==> flow/design.v <==
module gen_comparator #(
    parameter XLEN = 40,
    parameter LANES = 4
) (
    input  wire CLK,
    input  wire rst_n,
    input  wire enable,
    input  wire [LANES*XLEN-1:0] d,
    output wire [XLEN-1:0] hi
);
    reg [LANES*XLEN-1:0] d_ff;
    always @(posedge CLK or negedge rst_n) begin
        if (!rst_n) begin
            d_ff <= 0;
        end else if (enable) begin
            d_ff <= d;
        end
    end
    reg [XLEN-1:0] cur;
    integer k;
    always @* begin
        cur = d_ff[XLEN-1:0];
        for (k = 1; k < LANES; k = k + 1)
            if (d_ff[k*XLEN +: XLEN] > cur) cur = d_ff[k*XLEN +: XLEN];
    end
    reg [XLEN-1:0] hi_ff;
    always @(posedge CLK or negedge rst_n) begin
        if (!rst_n) begin
            hi_ff <= 0;
        end else if (enable) begin
            hi_ff <= cur;
        end
    end
    assign hi = hi_ff;
endmodule
**Step by step through the tools: gen_comparator**

Tool output for the design above, in the order of the flow.
Line numbers count from 1 in the design file above.
Not given: -

- Top module: gen_comparator
- Clock port: CLK
- Library: sky130hd
- Timing corner: tt_025C_1v80

**After elaboration**

Yosys after proc, flatten, opt, wreduce and memory -nomap, before mapping. Enables and synchronous resets that opt folds into registers are not counted as muxes. Memory bits, and registers merged into a memory's read port (data or address), are not among the register bits. Print and check cells are not counted. Equal cells are merged and count once.

- Cells after elaboration: 8
- Bits in registers: 200
- Memory bits (read-only): 0
- Clocked read ports x word width: 0
- Bits of input ports: 163
- Memories: 0
- Output and inout port bits: 40
- Latch bits: 0
- RAM bits: 0

- Shift-type cells: 0
- Equal/unequal tests: 0
- $add $sub $neg: 0
- Magnitude comparators: 3
- Multiplexer cells: 3
- $mul: 0
- Reductions and logical operators: 0
- Divide/modulo/power cells: 0
- Bitwise operators: 0

Operator list:

| operator | count |
|---|---|
| 40-bit greater-than comparator | 3 |
| 40-bit 2-to-1 mux | 3 |

**Longest topological paths**

Yosys ltp: most cells in a row. Word level: on the elaborated netlist, between registers, memories and ports. Mapped: between sequential cells and ports; inverters and the memories' decode and read muxes count.

- Depth after elaboration: 6
- ABC_AREA: 0
- Mapped depth: 31
- Mapped depth without buffers: 26

**Synthesis result**

The flow's flattened synthesis, as Yosys stat reports it; memories are mapped. The netlist is that of the ABC_AREA named above (0 if unset); the other value can give another one.
The area totals of this step are shown rounded.

Cell types:

| type | count | total area (um2) |
|---|---|---|
| sky130_fd_sc_hd__dfrtp_1 | 200 | 5004.8 |
| sky130_fd_sc_hd__ha_1 | 120 | 1501.44 |
| sky130_fd_sc_hd__mux2_2 | 118 | 1.33E+03 |
| sky130_fd_sc_hd__nand2_1 | 206 | 773.242 |
| sky130_fd_sc_hd__o21ai_0 | 93 | 465.446 |
| sky130_fd_sc_hd__o211ai_1 | 44 | 330.317 |
| sky130_fd_sc_hd__inv_1 | 82 | 307.795 |
| sky130_fd_sc_hd__a31oi_1 | 41 | 256.496 |
| sky130_fd_sc_hd__o22ai_1 | 40 | 250.24 |
| sky130_fd_sc_hd__a21oi_1 | 48 | 240.23 |
| sky130_fd_sc_hd__nor3_1 | 45 | 225.216 |
| sky130_fd_sc_hd__clkbuf_1 | 50 | 187.68 |
| sky130_fd_sc_hd__nand2_2 | 30 | 187.68 |
| sky130_fd_sc_hd__nor2_1 | 50 | 187.68 |
| sky130_fd_sc_hd__nand4_1 | 27 | 168.912 |
| sky130_fd_sc_hd__buf_2 | 20 | 100.096 |
| sky130_fd_sc_hd__nand3_1 | 14 | 70.067 |
| sky130_fd_sc_hd__buf_6 | 5 | 56.304 |

Other cell types: 27; their cells: 47.

- Sequential area: 5005 um2
- Mapped flip-flops: 200
- Standard cells after synthesis: 1280
- Synthesis area: 12030 um2
- Buffer cells: 77

**Path before layout**

Source: OpenSTA report_checks on the synthesized netlist (no wires, ideal clock, input and output delay 20% of the period each), path of least setup slack; recovery checks are left aside. Register names are those of the netlist, which keeps one name where synthesis merged equal registers.

- Path kind: register -> register
- From: register d_ff[75]
- To: register hi_ff[10]
- Library setup time: 82 ps
- Path slack: 1455 ps
- Period: 7290 ps
- Path delay: 5835 ps
- Path buffers: 4
- Launch time at the first pin: 0 ps
- Stages on the path: 30
- Arrival: 5753 ps
- Data required time: 7208 ps
- Synthesis period reached: 5835 ps

"path delay" = arrival - input delay + setup time.
"stages on the path": output pins that drive a net of the path, with the launching flip-flop's if there is one; two outputs of one cell count as two.
"synthesis period reached" is the clock period less the worst setup slack; recovery checks do not enter. This is arithmetic on one report: input and output delays are still those of the set period (20% each).
The rows between start and end are the longest chain of elaborated cells between them; the timing report does not say that the signal goes this way. Where chains are equally long, one stands for them.
A line is the first line of the expression or statement that the cell stems from. Yosys adds cells for indexed reads and writes and turns some case tables into memories.

- Cell sequence: sky130_fd_sc_hd__dfrtp_1 -> sky130_fd_sc_hd__ha_1 -> sky130_fd_sc_hd__nand4_1 -> sky130_fd_sc_hd__nor4_2 -> sky130_fd_sc_hd__and4_1 -> sky130_fd_sc_hd__a311o_1 -> sky130_fd_sc_hd__buf_2 -> sky130_fd_sc_hd__nand2_1 -> sky130_fd_sc_hd__o22ai_1 -> sky130_fd_sc_hd__inv_1 -> sky130_fd_sc_hd__ha_1 -> sky130_fd_sc_hd__a21oi_1 -> sky130_fd_sc_hd__nand2_1 -> sky130_fd_sc_hd__a221o_1 -> sky130_fd_sc_hd__nor3b_2 -> sky130_fd_sc_hd__or3b_1 -> sky130_fd_sc_hd__buf_4 -> sky130_fd_sc_hd__buf_6 -> sky130_fd_sc_hd__nand2_2 -> sky130_fd_sc_hd__o21ai_0 -> sky130_fd_sc_hd__ha_1 -> sky130_fd_sc_hd__a21oi_1 -> sky130_fd_sc_hd__o21ai_0 -> sky130_fd_sc_hd__a221oi_1 -> sky130_fd_sc_hd__o22ai_1 -> sky130_fd_sc_hd__or3_1 -> sky130_fd_sc_hd__nand2_1 -> sky130_fd_sc_hd__clkbuf_1 -> sky130_fd_sc_hd__o211ai_1 -> sky130_fd_sc_hd__a31oi_1
- Length of the longest elaborated chain: 6
- Elaborated cells between the ends (all ways): 6
- RTL lines with such cells: 1
- Those cells by class: compare (3); mux (3)

RTL lines, path post-synthesis:

| element | line | source |
|---|---|---|
| from (decl) | 11 | `reg [LANES*XLEN-1:0] d_ff;` |
| from (assign) | 14 | `d_ff <= 0;` |
| from (assign) | 16 | `d_ff <= d;` |
| 40-bit greater-than comparator | 24 | `if (d_ff[k*XLEN +: XLEN] > cur) cur = d_ff[k*XLEN +: XLEN];` |
| 40-bit 2-to-1 mux | 24 |  |
| 40-bit greater-than comparator | 24 |  |
| 40-bit 2-to-1 mux | 24 |  |
| 40-bit greater-than comparator | 24 |  |
| 40-bit 2-to-1 mux | 24 |  |
| to (assign) | 29 | `hi_ff <= 0;` |
| to (assign) | 31 | `hi_ff <= cur;` |
| to (decl) | 26 | `reg [XLEN-1:0] hi_ff;` |

**Worst path after layout**

From the final timing report of run A: the path of least setup slack in the routed layout; clock arrival at registers is part of the times.
The path's times are printed in steps of 10 ps; the period is the one set.

- Path kind: register -> register
- From: register d_ff[39]
- To: register hi_ff[21]
- Stages on the path: 33
- Library setup time: 100 ps
- Path slack: -3200 ps
- Data required time: 4030 ps
- Launch time at the first pin: 440 ps
- Arrival: 7240 ps
- Path buffers: 6
- Period: 3700 ps

The rows between start and end are the longest chain of elaborated cells between them; the timing report does not say that the signal goes this way. Where chains are equally long, one stands for them.

- Cell sequence: sky130_fd_sc_hd__dfrtp_1 -> sky130_fd_sc_hd__inv_1 -> sky130_fd_sc_hd__ha_4 -> sky130_fd_sc_hd__nand4_1 -> sky130_fd_sc_hd__nor4_2 -> sky130_fd_sc_hd__buf_4 -> sky130_fd_sc_hd__and3_4 -> sky130_fd_sc_hd__o31a_1 -> sky130_fd_sc_hd__nor3_4 -> sky130_fd_sc_hd__buf_4 -> sky130_fd_sc_hd__buf_4 -> sky130_fd_sc_hd__o22ai_4 -> sky130_fd_sc_hd__inv_1 -> sky130_fd_sc_hd__ha_1 -> sky130_fd_sc_hd__nand4_1 -> sky130_fd_sc_hd__nor2_1 -> sky130_fd_sc_hd__a221o_1 -> sky130_fd_sc_hd__nor3b_2 -> sky130_fd_sc_hd__or3b_4 -> sky130_fd_sc_hd__buf_4 -> sky130_fd_sc_hd__buf_12 -> sky130_fd_sc_hd__nand2_2 -> sky130_fd_sc_hd__o21ai_0 -> sky130_fd_sc_hd__ha_1 -> sky130_fd_sc_hd__nand4_1 -> sky130_fd_sc_hd__nor4_4 -> sky130_fd_sc_hd__nand2_2 -> sky130_fd_sc_hd__a211oi_2 -> sky130_fd_sc_hd__or3_4 -> sky130_fd_sc_hd__and2_4 -> sky130_fd_sc_hd__buf_12 -> sky130_fd_sc_hd__nand2_1 -> sky130_fd_sc_hd__a31oi_1
- Length of the longest elaborated chain: 6
- Elaborated cells between the ends (all ways): 6
- RTL lines with such cells: 1
- Those cells by class: compare (3); mux (3)

RTL lines, path post-layout:

| element | line | source |
|---|---|---|
| from (decl) | 11 | `reg [LANES*XLEN-1:0] d_ff;` |
| from (assign) | 14 | `d_ff <= 0;` |
| from (assign) | 16 | `d_ff <= d;` |
| 40-bit greater-than comparator | 24 | `if (d_ff[k*XLEN +: XLEN] > cur) cur = d_ff[k*XLEN +: XLEN];` |
| 40-bit 2-to-1 mux | 24 |  |
| 40-bit greater-than comparator | 24 |  |
| 40-bit 2-to-1 mux | 24 |  |
| 40-bit greater-than comparator | 24 |  |
| 40-bit 2-to-1 mux | 24 |  |
| to (assign) | 29 | `hi_ff <= 0;` |
| to (assign) | 31 | `hi_ff <= cur;` |
| to (decl) | 26 | `reg [XLEN-1:0] hi_ff;` |

Data sheet: physical implementation of gen_comparator

Measured data: module gen_comparator, platform sky130hd, 3 stored runs of the flow under differing settings, order arbitrary. Input and output delays are each 20% of the period that was set; the output load is 0.01 pF.
"clock period reached" = clock period - worst setup slack. The figure is calculated, with input and output delays left at 20% of the set period.
"worst setup path time" means the part of the period allowed to the worst setup path (the constraints hold back 20% at inputs and 20% at outputs) less its slack; where the path has registers, the arrival times of their clocks count too.
"worst setup path time" is known to 10 ps.
Results are given in rounded form.
Among the settings, n/a means not set for that run.
Results: n/a = not shown.

| name | run A | run B | run C |
|---|---|---|---|
| period_ns | 3.7 | 4.73 | 7.29 |
| CORE_UTILIZATION | 51 | 68 | 40 |
| SETUP_SLACK_MARGIN | 0.66 | n/a | n/a |
| PLACE_DENSITY_LB_ADDON | 0.18 | 0.19 | n/a |
| CORE_MARGIN | 10 | 8 | 2 |
| ABC_AREA | 0 | 1 | n/a |
| GPL_TIMING_DRIVEN | 1 | n/a | n/a |
| CTS_CLUSTER_SIZE | 64 | n/a | n/a |
| CTS_CLUSTER_DIAMETER | 350 | 330 | n/a |
| MAX_ROUTING_LAYER | met4 | met4 | n/a |
| CAP_MARGIN | 20 | 20 | 20 |
| SLEW_MARGIN | 20 | 20 | 20 |
| HOLD_SLACK_MARGIN | n/a | 0.13 | n/a |
| CELL_PAD_IN_SITES_GLOBAL_PLACEMENT | n/a | 2 | n/a |
| MIN_ROUTING_LAYER | n/a | met2 | n/a |
| worst setup path time (ps) | 6900 | n/a | 7020 |
| critical path type | register -> register | n/a | register -> register |
| clock period reached (ps) | 6903 | n/a | 7015 |
| setup TNS (ps) | -124700 | n/a | 0 |
| cell area after synthesis (um2) | 12030 | n/a | 12030 |
| lowest setup slack (ps) | -3203 | n/a | 275 |
| standard-cell area after routing (um2) | 18820 | n/a | 15360 |
| area of the die (um2) | 30130 | n/a | 31480 |

Run B: incomplete, placement halted on FLW-0024
